==> flow/design.v <==
module core_add_core_top #(
    parameter XLEN = 36
) (
    input aclk,
    input resetn,
    input [XLEN-1:0] opa,
    input [XLEN-1:0] opb,
    input carry_in,
    output reg [XLEN-1:0] result,
    output reg ovf
);
    wire [XLEN:0] r;
    assign r = opa + opb + carry_in;
    always @(posedge aclk or negedge resetn) begin
        if (!resetn) begin
            result <= 0;
            ovf <= 1'b0;
        end else begin
            result <= r[XLEN-1:0];
            ovf <= r[XLEN];
        end
    end
endmodule
Tool chain data of core_add_core_top

Tool output for the design above, in the order of the flow.
Lines are those of the file above, counted from 1.
A cell with -- has no value.

Top: core_add_core_top
Clock port: aclk
Standard-cell library: sky130hd
Library corner: tt_025C_1v80

Word-level counts

Counts by Yosys on the flattened word-level netlist (proc, flatten, opt, wreduce; memories kept). Register bits leave out memories and registers merged into their read ports (data or address); mux counts leave out enables and synchronous resets folded into registers. Print and check cells are left out. Cells with the same type and inputs are merged into one.

Input bits: 75
Output and inout bits: 37
Cells after elaboration: 4
Flip-flop bits (word level): 37

Add/subtract/negate cells: 2

Operators with widths:

| kind                    | count |
| adder 36 x 36 -> 37 bit | 1 |
| adder 37 x 1 -> 37 bit  | 1 |

Logic depth

Longest topological path by Yosys (ltp), each cell counted once; first at word level (registers and memories cut), then after technology mapping (sequential cells cut; the memories' decode and read muxes count).

Depth after elaboration: 2
ABC_AREA: 0
Depth in mapped cells: 9

Synthesis result

The flow's flattened synthesis, as Yosys stat reports it; memories are mapped. The netlist is that of the ABC_AREA named above (0 if unset); the other value can give another one.

Cell types:

| cell                       | count | area in all (µm²) |
| sky130_fd_sc_hd__dfrtp_1   | 37    | 925.888 |
| sky130_fd_sc_hd__ha_1      | 35    | 437.92 |
| sky130_fd_sc_hd__a21oi_1   | 39    | 195.187 |
| sky130_fd_sc_hd__xnor2_1   | 19    | 166.41 |
| sky130_fd_sc_hd__a21o_1    | 16    | 120.115 |
| sky130_fd_sc_hd__o21ai_0   | 23    | 115.11 |
| sky130_fd_sc_hd__nand2_1   | 29    | 108.854 |
| sky130_fd_sc_hd__xor2_1    | 9     | 78.826 |
| sky130_fd_sc_hd__o21a_1    | 9     | 67.565 |
| sky130_fd_sc_hd__nor2_1    | 17    | 63.811 |
| sky130_fd_sc_hd__and3_1    | 7     | 43.792 |
| sky130_fd_sc_hd__nand4_1   | 7     | 43.792 |
| sky130_fd_sc_hd__fa_1      | 2     | 40.038 |
| sky130_fd_sc_hd__inv_1     | 9     | 33.782 |
| sky130_fd_sc_hd__nand3_1   | 6     | 30.029 |
| sky130_fd_sc_hd__o211ai_1  | 4     | 30.029 |
| sky130_fd_sc_hd__o21bai_1  | 4     | 30.029 |
| sky130_fd_sc_hd__o2111ai_1 | 3     | 26.275 |

Not listed: further types 33, cells in them 59.

Mapped area: 0.0029991 mm²
Sequential part of the area: 0.0009259 mm²
Buffers: 5
Cells in the netlist: 334
Mapped flip-flops: 37

Path before layout

Source: OpenSTA report_checks on the synthesized netlist (no wires, ideal clock, input and output delay 20% of the period each), path of least setup slack; recovery checks are left aside. Register names are those of the netlist, which keeps one name where synthesis merged equal registers.

Path kind: input-to-reg
Start point: input opa[0]
End point: register ovf
Stages on the path: 9
Arrival time: 3.131 ns
Path buffers: 0
External input delay: 0.774 ns
Data required time: 3.750 ns
Clock period: 3.87 ns
Setup time: 0.120 ns
Setup slack: 0.618 ns
Delay of the path: 2.477 ns
Period reached after synthesis: 3.252 ns

"delay of the path" = arrival - input delay + setup time.
"stages on the path": output pins that drive a net of the path, with the launching flip-flop's if there is one; two outputs of one cell count as two.
"period reached after synthesis" is the clock period less the worst setup slack; recovery checks do not enter. This is arithmetic on one report: input and output delays are still those of the set period (20% each).
Between the ends stands the longest chain of elaborated cells between them, by number of cells; it is not shown to be the way that was timed. Of several equally long chains one is given.
Each line given opens the expression or statement behind the cell; cells for indexed reads and writes are added by Yosys, which also makes memories of some case tables.

Path through: sky130_fd_sc_hd__fa_1 > sky130_fd_sc_hd__fa_1 > sky130_fd_sc_hd__a21o_1 > sky130_fd_sc_hd__a221oi_2 > sky130_fd_sc_hd__o31a_1 > sky130_fd_sc_hd__o21ai_0 > sky130_fd_sc_hd__o22ai_1 > sky130_fd_sc_hd__o211ai_1 > sky130_fd_sc_hd__a31o_2
Cells in the longest elaborated chain: 2

Ends and longest elaborated chain, post-synthesis:

| element                 | line | RTL |
| start: declaration      | 6    | `input [XLEN-1:0] opa,` |
| adder 36 x 36 -> 37 bit | 13   | `assign r = opa + opb + carry_in;` |
| adder 37 x 1 -> 37 bit  | 13   |  |
| end: assignment         | 17   | `ovf <= 1'b0;` |
| end: assignment         | 20   | `ovf <= r[XLEN];` |
| end: declaration        | 10   | `output reg ovf` |

Path in the finished layout

Path of least setup slack in the final report of entry A (OpenROAD, finished layout, wires in). Where an end is a register, its clock arrival counts in the times.

Path kind: input-to-reg
Start point: input opa[0]
End point: register ovf
Arrival time: 4.38 ns
External input delay: 1.11 ns
Setup slack: 1.37 ns
Clock period: 5.57 ns
Path buffers: 1
Stages on the path: 10
Setup time: 0.11 ns
Data required time: 5.75 ns

Between the ends stands the longest chain of elaborated cells between them, by number of cells; it is not shown to be the way that was timed. Of several equally long chains one is given.

Path through: sky130_fd_sc_hd__clkdlybuf4s50_1 > sky130_fd_sc_hd__fa_1 > sky130_fd_sc_hd__fa_1 > sky130_fd_sc_hd__a21o_1 > sky130_fd_sc_hd__a221oi_2 > sky130_fd_sc_hd__o31a_1 > sky130_fd_sc_hd__o21ai_0 > sky130_fd_sc_hd__o22ai_1 > sky130_fd_sc_hd__o211ai_1 > sky130_fd_sc_hd__a31o_2
Cells in the longest elaborated chain: 2

Ends and longest elaborated chain, post-layout:

| element                 | line | RTL |
| start: declaration      | 6    | `input [XLEN-1:0] opa,` |
| adder 36 x 36 -> 37 bit | 13   | `assign r = opa + opb + carry_in;` |
| adder 37 x 1 -> 37 bit  | 13   |  |
| end: assignment         | 17   | `ovf <= 1'b0;` |
| end: assignment         | 20   | `ovf <= r[XLEN];` |
| end: declaration        | 10   | `output reg ovf` |

Data sheet: physical implementation of core_add_core_top

core_add_core_top through Yosys and OpenROAD on sky130hd: 3 stored runs, unordered, with their settings and measured results. The constraints put input and output delay at 20% of the set period each and load the outputs with 0.01 pF.
"time used up by the worst setup path" = time allowed to the worst setup path (clock period - input delay - output delay, where it has them) - its slack; a late launch clock adds to it, a late capture clock takes from it.
"total power of the final layout" rests on the timing tool's default activity at the inputs, not on a simulated workload.
A setting shown as n/a is not set for that run.

| name                                      | entry A      | entry B      | entry C      |
| period_ns                                 | 5.57         | 3.87         | 2.07         |
| CORE_UTILIZATION                          | 16           | 40           | 42           |
| PLACE_DENSITY                             | 0.86         | n/a          | n/a          |
| CORE_ASPECT_RATIO                         | 0.63         | n/a          | 0.99         |
| TNS_END_PERCENT                           | 40           | n/a          | n/a          |
| CTS_CLUSTER_SIZE                          | 50           | n/a          | n/a          |
| MAX_ROUTING_LAYER                         | met5         | n/a          | met5         |
| CAP_MARGIN                                | 20           | 20           | 20           |
| CORE_MARGIN                               | 2            | 2            | 2            |
| SLEW_MARGIN                               | 20           | 20           | 5            |
| SETUP_SLACK_MARGIN                        | n/a          | n/a          | -0.09        |
| PLACE_DENSITY_LB_ADDON                    | n/a          | n/a          | 0.23         |
| CELL_PAD_IN_SITES_GLOBAL_PLACEMENT        | n/a          | n/a          | 0            |
| CELL_PAD_IN_SITES_DETAIL_PLACEMENT        | n/a          | n/a          | 0            |
| ABC_AREA                                  | n/a          | n/a          | 0            |
| CTS_CLUSTER_DIAMETER                      | n/a          | n/a          | 158          |
| Yosys chip area after synthesis (mm²)     | 0.0029991    | 0.0029991    | 0.0029991    |
| area of the die (mm²)                     | 0.0198851    | 0.0082065    | 0.0078329    |
| final utilization (%)                     | 25.0         | 59.8         | 89.6         |
| setup slack of the worst path (ns)        | 1.371        | 0.345        | -0.971       |
| total negative slack (ns)                 | 0.000        | 0.000        | -13.480      |
| total power of the final layout (uW)      | 1195         | 1494         | 3720         |
| time used up by the worst setup path (ns) | 3.09         | 2.75         | 2.63         |
| type of the worst setup path              | input-to-reg | input-to-reg | input-to-reg |
